==> flow/design.v <==
module dp_mul_core_n #(
  parameter integer DATA_W = 8
) (
  input wire i_clk,
  input wire resetn,
  input wire [DATA_W-1:0] opa,
  output wire [2*DATA_W-1:0] p
);
  reg [DATA_W-1:0] opa_reg;
  always @(posedge i_clk or negedge resetn) begin
    if (~resetn) begin
      opa_reg <= 0;
    end else begin
      opa_reg <= opa;
    end
  end
  assign p = opa_reg * opa_reg;
endmodule
# From RTL to reports: dp_mul_core_n

What the tools print for dp_mul_core_n, step after step.
Line numbers count from 1 in the design file above.
Library cell names are shortened.
A cell with n/a has no value.

Top module: dp_mul_core_n
Clock: i_clk
Library: sky130hd
Corner: tt_025C_1v80

# Word level

Source: Yosys, flattened and elaborated, memories not mapped. Widths are those after wreduce; folded enables and synchronous resets count as part of the registers. Registers that Yosys merges into a memory's read port (data or address) are not register bits. Print and check cells do not count. Equal cells are merged and count once.

Input bits: 10
Flip-flop bits (word level): 8

Multiply operators: 1

Operators by type and width:

| operator                   | number |
| multiplier 8 x 8 -> 16 bit | 1 |

# Depth

Depth = most cells in a row (Yosys ltp): at word level without a register or memory, in the mapped netlist without a sequential cell, where the memories' decode and read muxes count.

Depth in word-level cells: 1
ABC_AREA: 0
Depth in mapped cells: 16
Mapped depth without buffers: 15

# Netlist

Source: synth_stat.txt of the flow (Yosys; design flattened, memories mapped). It holds for the ABC_AREA given above (unset counts as 0); a run with the other value may have another netlist.

Cells by type:

| cell type | number | area in all (um^2) |
| fa_1      | 25     | 500.48 |
| ha_1      | 30     | 375.36 |
| dfrtp_1   | 8      | 200.192 |
| inv_1     | 46     | 172.666 |
| and2_1    | 21     | 131.376 |
| xnor2_1   | 9      | 78.826 |
| nand2_1   | 14     | 52.55 |
| nor2_1    | 11     | 41.29 |
| a21oi_1   | 8      | 40.038 |
| o21ai_1   | 6      | 30.029 |
| a21o_1    | 3      | 22.522 |
| o21ai_0   | 4      | 20.019 |
| nand4_1   | 3      | 18.768 |
| nor2b_1   | 3      | 18.768 |
| xor2_1    | 2      | 17.517 |
| o41ai_2   | 1      | 16.266 |
| a211oi_1  | 2      | 15.014 |
| buf_4     | 2      | 15.014 |

Other cell types: 21; their cells: 23.

Synthesis area: 0.0019406 mm^2
Mapped cells: 221
Mapped flip-flops: 8
Buffer cells: 4
Sequential part of the area: 0.0002002 mm^2

# Path before layout

Path of least setup slack by OpenSTA after synthesis, without wires, with an ideal clock, recovery checks aside; 20% of the period is set as input and as output delay. Where synthesis merged equal registers, the netlist keeps one of their names.

Kind: reg2out
Start: register opa_reg[1]
End: output p[13]
Slack: 974 ps
Arrival time: 3,890 ps
Driving pins on the path: 14
Path buffers: 1
External output delay: 1,216 ps
Time at the first pin: 0 ps
Path delay: 3,890 ps
Period: 6,080 ps
Synthesis period reached: 5,106 ps

"path delay" = arrival - input delay + setup time.
At an output port there is no setup time.
"driving pins on the path": output pins that drive a net of the path, with the launching flip-flop's if there is one; two outputs of one cell count as two.
"synthesis period reached" is the clock period less the worst setup slack; recovery checks do not enter. This is arithmetic on one report: input and output delays are still those of the set period (20% each).
The rows between start and end are the longest chain of elaborated cells between them; the timing report does not say that the signal goes this way. Where chains are equally long, one stands for them.
A line is the first line of the expression or statement that the cell stems from. Yosys adds cells for indexed reads and writes and turns some case tables into memories.

Cell sequence: dfrtp_1 clkbuf_1 and2_1 fa_1 fa_1 inv_1 fa_1 fa_1 inv_1 ha_1 o21a_1 a31oi_2 o21ai_1 xor2_1
Cells in the longest elaborated chain: 1

Ends and longest elaborated chain, post-synthesis:

| item                       | RTL line | RTL |
| start: declaration         | 9        | `reg [DATA_W-1:0] opa_reg;` |
| start: assignment          | 12       | `opa_reg <= 0;` |
| start: assignment          | 14       | `opa_reg <= opa;` |
| multiplier 8 x 8 -> 16 bit | 17       | `assign p = opa_reg * opa_reg;` |
| end: declaration           | 7        | `output wire [2*DATA_W-1:0] p` |

# Worst path after layout

Path of least setup slack in the final report of stored run 2 (OpenROAD, finished layout, wires in). Where an end is a register, its clock arrival counts in the times.
The report prints the path's times to 10 ps; the period is as set.

Kind: reg2out
Start: register opa_reg[1]
End: output p[13]
Arrival time: 4,640 ps
Period: 6,080 ps
External output delay: 1,220 ps
Path buffers: 1
Driving pins on the path: 14
Time at the first pin: 220 ps
Slack: 230 ps

The rows between start and end are the longest chain of elaborated cells between them; the timing report does not say that the signal goes this way. Where chains are equally long, one stands for them.

Cell sequence: dfrtp_1 and2_1 fa_1 fa_1 inv_1 fa_1 fa_1 inv_1 ha_1 o21a_1 a31oi_2 o21ai_1 xor2_1 clkdlybuf4s50_1
Cells in the longest elaborated chain: 1

Ends and longest elaborated chain, post-layout:

| item                       | RTL line | RTL |
| start: declaration         | 9        | `reg [DATA_W-1:0] opa_reg;` |
| start: assignment          | 12       | `opa_reg <= 0;` |
| start: assignment          | 14       | `opa_reg <= opa;` |
| multiplier 8 x 8 -> 16 bit | 17       | `assign p = opa_reg * opa_reg;` |
| end: declaration           | 7        | `output wire [2*DATA_W-1:0] p` |

Lab notebook: dp_mul_core_n

Module dp_mul_core_n, platform sky130hd: 3 stored runs of the flow (Yosys, OpenROAD) with differing settings, in no particular order. Input and output delays are each 20% of the period that was set; the output load is 0.01 pF.
By "clock period reached" is meant the clock period of the run minus its worst setup slack. This is arithmetic on one report: input and output delays are still those of the set period (20% each).
"allowed time less slack (worst setup path)" = time allowed to the worst setup path (clock period - input delay - output delay, where it has them) - its slack; a late launch clock adds to it, a late capture clock takes from it.
"total power after layout" rests on the timing tool's default activity at the inputs, not on a simulated workload.
"allowed time less slack (worst setup path)" is known to 10 ps.

## Stored run 1

==> flow/run.sh <==
#!/bin/bash
# the make line also repeats the synthesis and layout settings of config.mk as NAME=value (left out here)
make -C /OpenROAD-flow-scripts/flow DESIGN_CONFIG=/design/flow/config.mk WORK_HOME=/design/flow/orfs CLKGATE_MAP_FILE= finish
==> flow/config.mk <==
export PLATFORM = sky130hd
export DESIGN_NAME = dp_mul_core_n
export DESIGN_NICKNAME = dp_mul_core_n
export VERILOG_FILES = /design/flow/design.v
export SDC_FILE = /design/flow/constraint.sdc
export NUM_CORES = 4
export LEC_CHECK = 0
export ABC_AREA = 0
export CAP_MARGIN = 20
export CELL_PAD_IN_SITES_DETAIL_PLACEMENT = 2
export CELL_PAD_IN_SITES_GLOBAL_PLACEMENT = 2
export CORE_MARGIN = 10
export CORE_UTILIZATION = 38
export CTS_CLUSTER_DIAMETER = 206
export CTS_CLUSTER_SIZE = 88
export PLACE_DENSITY = 0.36
export SETUP_SLACK_MARGIN = 1.21
export SLEW_MARGIN = 0
==> flow/constraint.sdc <==
create_clock -name core_clock -period 4.09 [get_ports {i_clk}]
set_input_delay 0.8180 -clock core_clock [delete_from_list [all_inputs] [get_ports {i_clk}]]
set_output_delay 0.8180 -clock core_clock [all_outputs]
set_load 0.01 [all_outputs]

Stored run 1: stopped before the end: placement reported DPL-0033

## Stored run 2

==> flow/run.sh <==
#!/bin/bash
# the make line also repeats the synthesis and layout settings of config.mk as NAME=value (left out here)
make -C /OpenROAD-flow-scripts/flow DESIGN_CONFIG=/design/flow/config.mk WORK_HOME=/design/flow/orfs CLKGATE_MAP_FILE= finish
==> flow/config.mk <==
export PLATFORM = sky130hd
export DESIGN_NAME = dp_mul_core_n
export DESIGN_NICKNAME = dp_mul_core_n
export VERILOG_FILES = /design/flow/design.v
export SDC_FILE = /design/flow/constraint.sdc
export NUM_CORES = 4
export LEC_CHECK = 0
export CAP_MARGIN = 20
export CORE_MARGIN = 2
export CORE_UTILIZATION = 40
export SLEW_MARGIN = 20
==> flow/constraint.sdc <==
create_clock -name core_clock -period 6.08 [get_ports {i_clk}]
set_input_delay 1.2160 -clock core_clock [delete_from_list [all_inputs] [get_ports {i_clk}]]
set_output_delay 1.2160 -clock core_clock [all_outputs]
set_load 0.01 [all_outputs]

| result of stored run 2 | value |
|---|---|
| lowest setup slack | 228 ps |
| clock period reached | 5,852 ps |
| setup total negative slack | 0 ps |
| standard-cell area after layout | 0.0022897 mm^2 |
| area of the synthesized netlist | 0.0019406 mm^2 |
| allowed time less slack (worst setup path) | 4,640 ps |
| kind of the worst setup path | reg2out |
| utilization after layout | 48.8 % |
| total power after layout | 761.2 uW |
| area inside the die boundary | 0.0054243 mm^2 |

## Stored run 3

==> flow/run.sh <==
#!/bin/bash
# the make line also repeats the synthesis and layout settings of config.mk as NAME=value (left out here)
make -C /OpenROAD-flow-scripts/flow DESIGN_CONFIG=/design/flow/config.mk WORK_HOME=/design/flow/orfs CLKGATE_MAP_FILE= finish
==> flow/config.mk <==
export PLATFORM = sky130hd
export DESIGN_NAME = dp_mul_core_n
export DESIGN_NICKNAME = dp_mul_core_n
export VERILOG_FILES = /design/flow/design.v
export SDC_FILE = /design/flow/constraint.sdc
export NUM_CORES = 4
export LEC_CHECK = 0
export ABC_AREA = 1
export CAP_MARGIN = 20
export CELL_PAD_IN_SITES_GLOBAL_PLACEMENT = 1
export CORE_MARGIN = 7
export CORE_UTILIZATION = 68
export CTS_CLUSTER_DIAMETER = 88
export GPL_TIMING_DRIVEN = 1
export PLACE_DENSITY_LB_ADDON = 0.12
export SLEW_MARGIN = 10
export TNS_END_PERCENT = 100
==> flow/constraint.sdc <==
create_clock -name core_clock -period 5.18 [get_ports {i_clk}]
set_input_delay 1.0360 -clock core_clock [delete_from_list [all_inputs] [get_ports {i_clk}]]
set_output_delay 1.0360 -clock core_clock [all_outputs]
set_load 0.01 [all_outputs]

Stored run 3: stopped before the end: placement reported FLW-0024
